==> flow/design.v <==
module mem #(
  parameter ENTRIES = 12,
  parameter BITS = 6,
  parameter NR = 6,
  parameter AWIDTH = $clog2(ENTRIES)
) (
  input  wire CLK,
  input  wire in_write,
  input  wire [AWIDTH-1:0] in_wr_addr,
  input  wire [BITS-1:0] in_write_data,
  input  wire [NR*AWIDTH-1:0] in_read_addr,
  output wire [NR*BITS-1:0] out_rd
);
  reg write_d1;
  reg [AWIDTH-1:0] wr_addr_d1;
  reg [BITS-1:0] write_data_d1;
  always @(posedge CLK) begin
    write_d1 <= in_write;
    wr_addr_d1 <= in_wr_addr;
    write_data_d1 <= in_write_data;
  end
  reg [ENTRIES*BITS-1:0] array;
  genvar ii;
  generate
    for (ii = 0; ii < ENTRIES; ii = ii + 1) begin : slice
      always @(posedge CLK)
        if (write_d1 && wr_addr_d1 == ii) array[ii*BITS +: BITS] <= write_data_d1;
    end
  endgenerate
  reg [NR*AWIDTH-1:0] read_addr_d1;
  always @(posedge CLK) begin
    read_addr_d1 <= in_read_addr;
  end
  reg [NR*BITS-1:0] val;
  integer m;
  integer t;
  always @(*) begin
    val = 0;
    for (m = 0; m < NR; m = m + 1) begin
      for (t = 0; t < ENTRIES; t = t + 1)
        val[m*BITS +: BITS] = val[m*BITS +: BITS] | (array[t*BITS +: BITS] & {BITS{read_addr_d1[m*AWIDTH +: AWIDTH] == t}});
    end
  end
  assign out_rd = val;
endmodule
# Reports on mem
# Module mem in several versions that differ in "BITS"; each step lists the members.
# The file above is the member BITS 6. Line numbers count from 1 in each member's own file.
# A cell with - has no value.
# design
design	mem
clock_port	CLK
library	sky130hd
lib_corner	tt_025C_1v80

# Members of the sweep
# New or changed lines of each further member against the RTL above, in its own file; lines it lacks are not shown.
# src_changes
BITS	line	rtl
10	3	parameter BITS = 10,
12	3	parameter BITS = 12,
16	3	parameter BITS = 16,
24	3	parameter BITS = 24,

# Word-level counts
# Source: Yosys, flattened and elaborated, memories not mapped. Widths are those after wreduce; folded enables and synchronous resets count as part of the registers. Registers that Yosys merges into a memory's read port (data or address) are not register bits. Print and check cells do not count. Equal cells are merged and count once.
# classes
BITS	bitwise	equal	reduce_and_logical
6	138	77	19
10	138	77	19
12	138	77	19
16	138	77	19
24	138	77	19
# op_table
BITS	operators
6	72 x AND 6 bit; 66 x OR 6 bit; 28 x == test 4 x 3 -> 1 bit with constant B; 28 x == test 4 bit with constant B; 14 x == test 4 x 2 -> 1 bit with constant B; 7 x == test 4 x 1 -> 1 bit with constant B; 7 x logical NOT 4 bit; 12 x logical AND 1 bit
10	72 x AND 10 bit; 66 x OR 10 bit; 28 x == test 4 x 3 -> 1 bit with constant B; 28 x == test 4 bit with constant B; 14 x == test 4 x 2 -> 1 bit with constant B; 7 x == test 4 x 1 -> 1 bit with constant B; 7 x logical NOT 4 bit; 12 x logical AND 1 bit
12	72 x AND 12 bit; 66 x OR 12 bit; 28 x == test 4 x 3 -> 1 bit with constant B; 28 x == test 4 bit with constant B; 14 x == test 4 x 2 -> 1 bit with constant B; 7 x == test 4 x 1 -> 1 bit with constant B; 7 x logical NOT 4 bit; 12 x logical AND 1 bit
16	72 x AND 16 bit; 66 x OR 16 bit; 28 x == test 4 x 3 -> 1 bit with constant B; 28 x == test 4 bit with constant B; 14 x == test 4 x 2 -> 1 bit with constant B; 7 x == test 4 x 1 -> 1 bit with constant B; 7 x logical NOT 4 bit; 12 x logical AND 1 bit
24	72 x AND 24 bit; 66 x OR 24 bit; 28 x == test 4 x 3 -> 1 bit with constant B; 28 x == test 4 bit with constant B; 14 x == test 4 x 2 -> 1 bit with constant B; 7 x == test 4 x 1 -> 1 bit with constant B; 7 x logical NOT 4 bit; 12 x logical AND 1 bit
# word_totals
BITS	in_bits	out_inout_bits	wordCells	regBits
6	36	36	250	107
10	40	60	250	159
12	42	72	250	185
16	46	96	250	237
24	54	144	250	341

# Longest topological paths
# Yosys ltp: most cells in a row. Word level: on the elaborated netlist, between registers, memories and ports. Mapped: between sequential cells and ports; inverters and the memories' decode and read muxes count.
# logic_depth
BITS	ltp_word	ABC_AREA	ltp_mapped
6	13	0	7
10	13	0	7
12	13	0	8
16	13	0	8
24	13	0	8

# Netlist
# Yosys stat after the flow's synthesis: flattened, memories mapped to cells. It holds for the ABC_AREA given above (unset counts as 0); a run with the other value may have another netlist.
# Totals and module areas in this step are rounded.
# types
BITS	cell_types
6	72 x sky130_fd_sc_hd__edfxtp_1; 35 x sky130_fd_sc_hd__dfxtp_1; 35 x sky130_fd_sc_hd__mux2i_1; 30 x sky130_fd_sc_hd__mux2_2; 38 x sky130_fd_sc_hd__a22oi_1; 44 x sky130_fd_sc_hd__nor2b_1; 45 x sky130_fd_sc_hd__buf_2; 30 x sky130_fd_sc_hd__a21oi_1; 24 x sky130_fd_sc_hd__and3_1; 17 x sky130_fd_sc_hd__a32oi_1; 29 x sky130_fd_sc_hd__nand3_1; 16 x sky130_fd_sc_hd__a2bb2oi_1; 35 x sky130_fd_sc_hd__nor2_1; 20 x sky130_fd_sc_hd__a31oi_1; 25 x sky130_fd_sc_hd__o21ai_0; 32 x sky130_fd_sc_hd__nand2_1; 16 x sky130_fd_sc_hd__nor3b_1; 13 x sky130_fd_sc_hd__a22o_1; [+219]
10	120 x sky130_fd_sc_hd__edfxtp_1; 39 x sky130_fd_sc_hd__dfxtp_1; 77 x sky130_fd_sc_hd__a22oi_1; 53 x sky130_fd_sc_hd__mux2i_1; 47 x sky130_fd_sc_hd__mux2_2; 17 x sky130_fd_sc_hd__mux4_2; 42 x sky130_fd_sc_hd__a22o_1; 63 x sky130_fd_sc_hd__buf_2; 35 x sky130_fd_sc_hd__a221oi_1; 48 x sky130_fd_sc_hd__nor2b_1; 27 x sky130_fd_sc_hd__a32oi_1; 54 x sky130_fd_sc_hd__nor2_1; 52 x sky130_fd_sc_hd__nand2_1; 31 x sky130_fd_sc_hd__nand3_1; 15 x sky130_fd_sc_hd__a211o_1; 21 x sky130_fd_sc_hd__a31oi_1; 25 x sky130_fd_sc_hd__a21oi_1; 14 x sky130_fd_sc_hd__o32ai_1; [+332]
12	144 x sky130_fd_sc_hd__edfxtp_1; 111 x sky130_fd_sc_hd__a22oi_1; 41 x sky130_fd_sc_hd__dfxtp_1; 75 x sky130_fd_sc_hd__mux2i_1; 19 x sky130_fd_sc_hd__mux4_2; 37 x sky130_fd_sc_hd__mux2_2; 47 x sky130_fd_sc_hd__a22o_1; 75 x sky130_fd_sc_hd__buf_2; 54 x sky130_fd_sc_hd__nor2b_1; 38 x sky130_fd_sc_hd__a32oi_1; 48 x sky130_fd_sc_hd__nand3_1; 37 x sky130_fd_sc_hd__o22ai_1; 25 x sky130_fd_sc_hd__a221oi_1; 42 x sky130_fd_sc_hd__a21oi_1; 53 x sky130_fd_sc_hd__nand2_1; 52 x sky130_fd_sc_hd__nor2_1; 20 x sky130_fd_sc_hd__o32ai_1; 31 x sky130_fd_sc_hd__o21ai_0; [+368]
16	192 x sky130_fd_sc_hd__edfxtp_1; 139 x sky130_fd_sc_hd__a22oi_1; 45 x sky130_fd_sc_hd__dfxtp_1; 87 x sky130_fd_sc_hd__mux2i_1; 63 x sky130_fd_sc_hd__mux2_2; 65 x sky130_fd_sc_hd__a22o_1; 104 x sky130_fd_sc_hd__buf_2; 23 x sky130_fd_sc_hd__mux4_2; 46 x sky130_fd_sc_hd__a221oi_1; 46 x sky130_fd_sc_hd__a32oi_1; 49 x sky130_fd_sc_hd__nor2b_1; 81 x sky130_fd_sc_hd__nor2_1; 57 x sky130_fd_sc_hd__nand3_1; 29 x sky130_fd_sc_hd__o2bb2ai_1; 50 x sky130_fd_sc_hd__a21oi_1; 30 x sky130_fd_sc_hd__o211ai_1; 54 x sky130_fd_sc_hd__nand2_1; 39 x sky130_fd_sc_hd__o21ai_0; [+483]
24	288 x sky130_fd_sc_hd__edfxtp_1; 236 x sky130_fd_sc_hd__a22oi_1; 157 x sky130_fd_sc_hd__mux2i_1; 97 x sky130_fd_sc_hd__mux2_2; 122 x sky130_fd_sc_hd__a22o_1; 53 x sky130_fd_sc_hd__dfxtp_1; 137 x sky130_fd_sc_hd__buf_2; 29 x sky130_fd_sc_hd__mux4_2; 74 x sky130_fd_sc_hd__a32oi_1; 65 x sky130_fd_sc_hd__a221oi_1; 47 x sky130_fd_sc_hd__o221ai_1; 56 x sky130_fd_sc_hd__nor2b_1; 92 x sky130_fd_sc_hd__nor2_1; 55 x sky130_fd_sc_hd__o22ai_1; 37 x sky130_fd_sc_hd__o2bb2ai_1; 86 x sky130_fd_sc_hd__nand2_1; 60 x sky130_fd_sc_hd__a21oi_1; 29 x sky130_fd_sc_hd__a32o_1; [+641]
# The mark [+n] counts cells that are not listed.
# synth_totals
BITS	cell_count	area_um2	seqArea_um2	buf_cells	flip_flops
6	775	7477	2863	73	107
10	1112	11320	4384	105	159
12	1317	13300	5145	125	185
16	1682	17120	6666	168	237
24	2361	24880	9709	249	341

# Path before layout
# Source: OpenSTA report_checks on the synthesized netlist (no wires, ideal clock, input and output delay 20% of the period each), path of least setup slack; recovery checks are left aside. Register names are those of the netlist, which keeps one name where synthesis merged equal registers.
# synth_timing
BITS	path_type	startpoint	endpoint	stages	path_delay_ns	slack_ns	tclk_ns	synth_period_reached_ns
6	register to output	register read_addr_d1[0]	output port out_rd[3]	6	1.458	0.366	2.28	1.914
10	register to output	register array[32]	output port out_rd[12]	5	1.510	0.426	2.42	1.994
12	register to register	register write_d1	register array[0]	3	2.078	0.522	2.6	2.078
16	register to register	register write_d1	register array[0]	3	2.359	0.591	2.95	2.359
24	register to register	register write_d1	register array[0]	3	2.921	0.729	3.65	2.921
# "path_delay_ns" is the arrival time less input delay plus setup time.
# At an output port there is no setup time.
# "stages" counts driving pins, that of a launching flip-flop among them; a cell with two outputs on the path counts twice.
# "synth_period_reached_ns" is the clock period less the worst setup slack; recovery checks do not enter. This is arithmetic on one report: input and output delays are still those of the set period (20% each).
# The rows between start and end are the longest chain of elaborated cells between them; the timing report does not say that the signal goes this way. Where chains are equally long, one stands for them.
# Each line given opens the expression or statement behind the cell; cells for indexed reads and writes are added by Yosys, which also makes memories of some case tables.
# synth_between_BITS_6
elab_chain_len	13
# synth_rtl_BITS_6
item	line	rtl
start, declared	30	reg [NR*AWIDTH-1:0] read_addr_d1;
start, assigned	32	read_addr_d1 <= in_read_addr;
logical NOT 4 bit	41	val[m*BITS +: BITS] = val[m*BITS +: BITS] | (array[t*BITS +: BITS] & {BITS{read_addr_d1[m*AWIDTH +: AWIDTH] == ...
AND 6 bit	41
OR 6 bit x11	41
end, declared	12	output wire [NR*BITS-1:0] out_rd
# synth_between_BITS_24
elab_chain_len	1
# synth_rtl_BITS_24
item	line	rtl
start, declared	14	reg write_d1;
start, assigned	18	write_d1 <= in_write;
logical AND 1 bit	27	if (write_d1 && wr_addr_d1 == ii) array[ii*BITS +: BITS] <= write_data_d1;
end, assigned	27
end, declared	22	reg [ENTRIES*BITS-1:0] array;

# Path in the finished layout
# From the final timing report of each member's run: the path of least setup slack in the routed layout; clock arrival at registers is part of the times.
# layout_timing
BITS	path_type	startpoint	endpoint	tclk_ns	stages	slack_ns	arrival_time_ns
6	register to output	register read_addr_d1[4]	output port out_rd[8]	2.28	7	-0.16	1.98
10	register to output	register array[32]	output port out_rd[12]	2.42	6	-0.25	2.18
12	register to output	register read_addr_d1[5]	output port out_rd[13]	2.6	8	-0.27	2.35
16	register to output	register read_addr_d1[1]	output port out_rd[4]	2.95	8	-0.17	2.53
24	register to output	register read_addr_d1[0]	output port out_rd[11]	3.65	8	-0.12	3.04

# Flow runs
# Settings and results of one run of the flow (Yosys, OpenROAD) for each member follow. The constraints put input and output delay at 20% of the set period each and load the outputs with 0.01 pF.
# settings
CAP_MARGIN	20
CORE_MARGIN	2
CORE_UTILIZATION	40
SLEW_MARGIN	20
# settings_by_member
BITS	period_ns
6	2.28
10	2.42
12	2.6
16	2.95
24	3.65
# results
BITS	setupTns_ns	hold_ws_ns	die_um2	post_route_stdcell_area_um2	timing.achieved_period_ns	worstSetupSlack_ns	post_route_util_pct	synthesis_area_um2	totalPower_mw
6	-1.761	0.510	19800	13030	2.439	-0.159	70.4	7477	5.523
10	-6.972	0.455	29660	20120	2.665	-0.245	72.2	11320	8.553
12	-6.108	0.458	34710	22700	2.869	-0.269	69.6	13300	9.046
16	-1.283	0.391	44480	25580	3.123	-0.173	60.7	17120	10.21
24	-1.332	0.576	64220	33040	3.766	-0.116	53.6	24880	12.01
# "timing.achieved_period_ns" = clock period - worst setup slack. The figure is calculated, with input and output delays left at 20% of the set period.
# By "totalPower_mw" is meant OpenSTA's value without simulated activity: inputs other than the clock are taken to toggle once in ten clock periods, and the tool carries that through the logic.
# Values from the reports are rounded here.
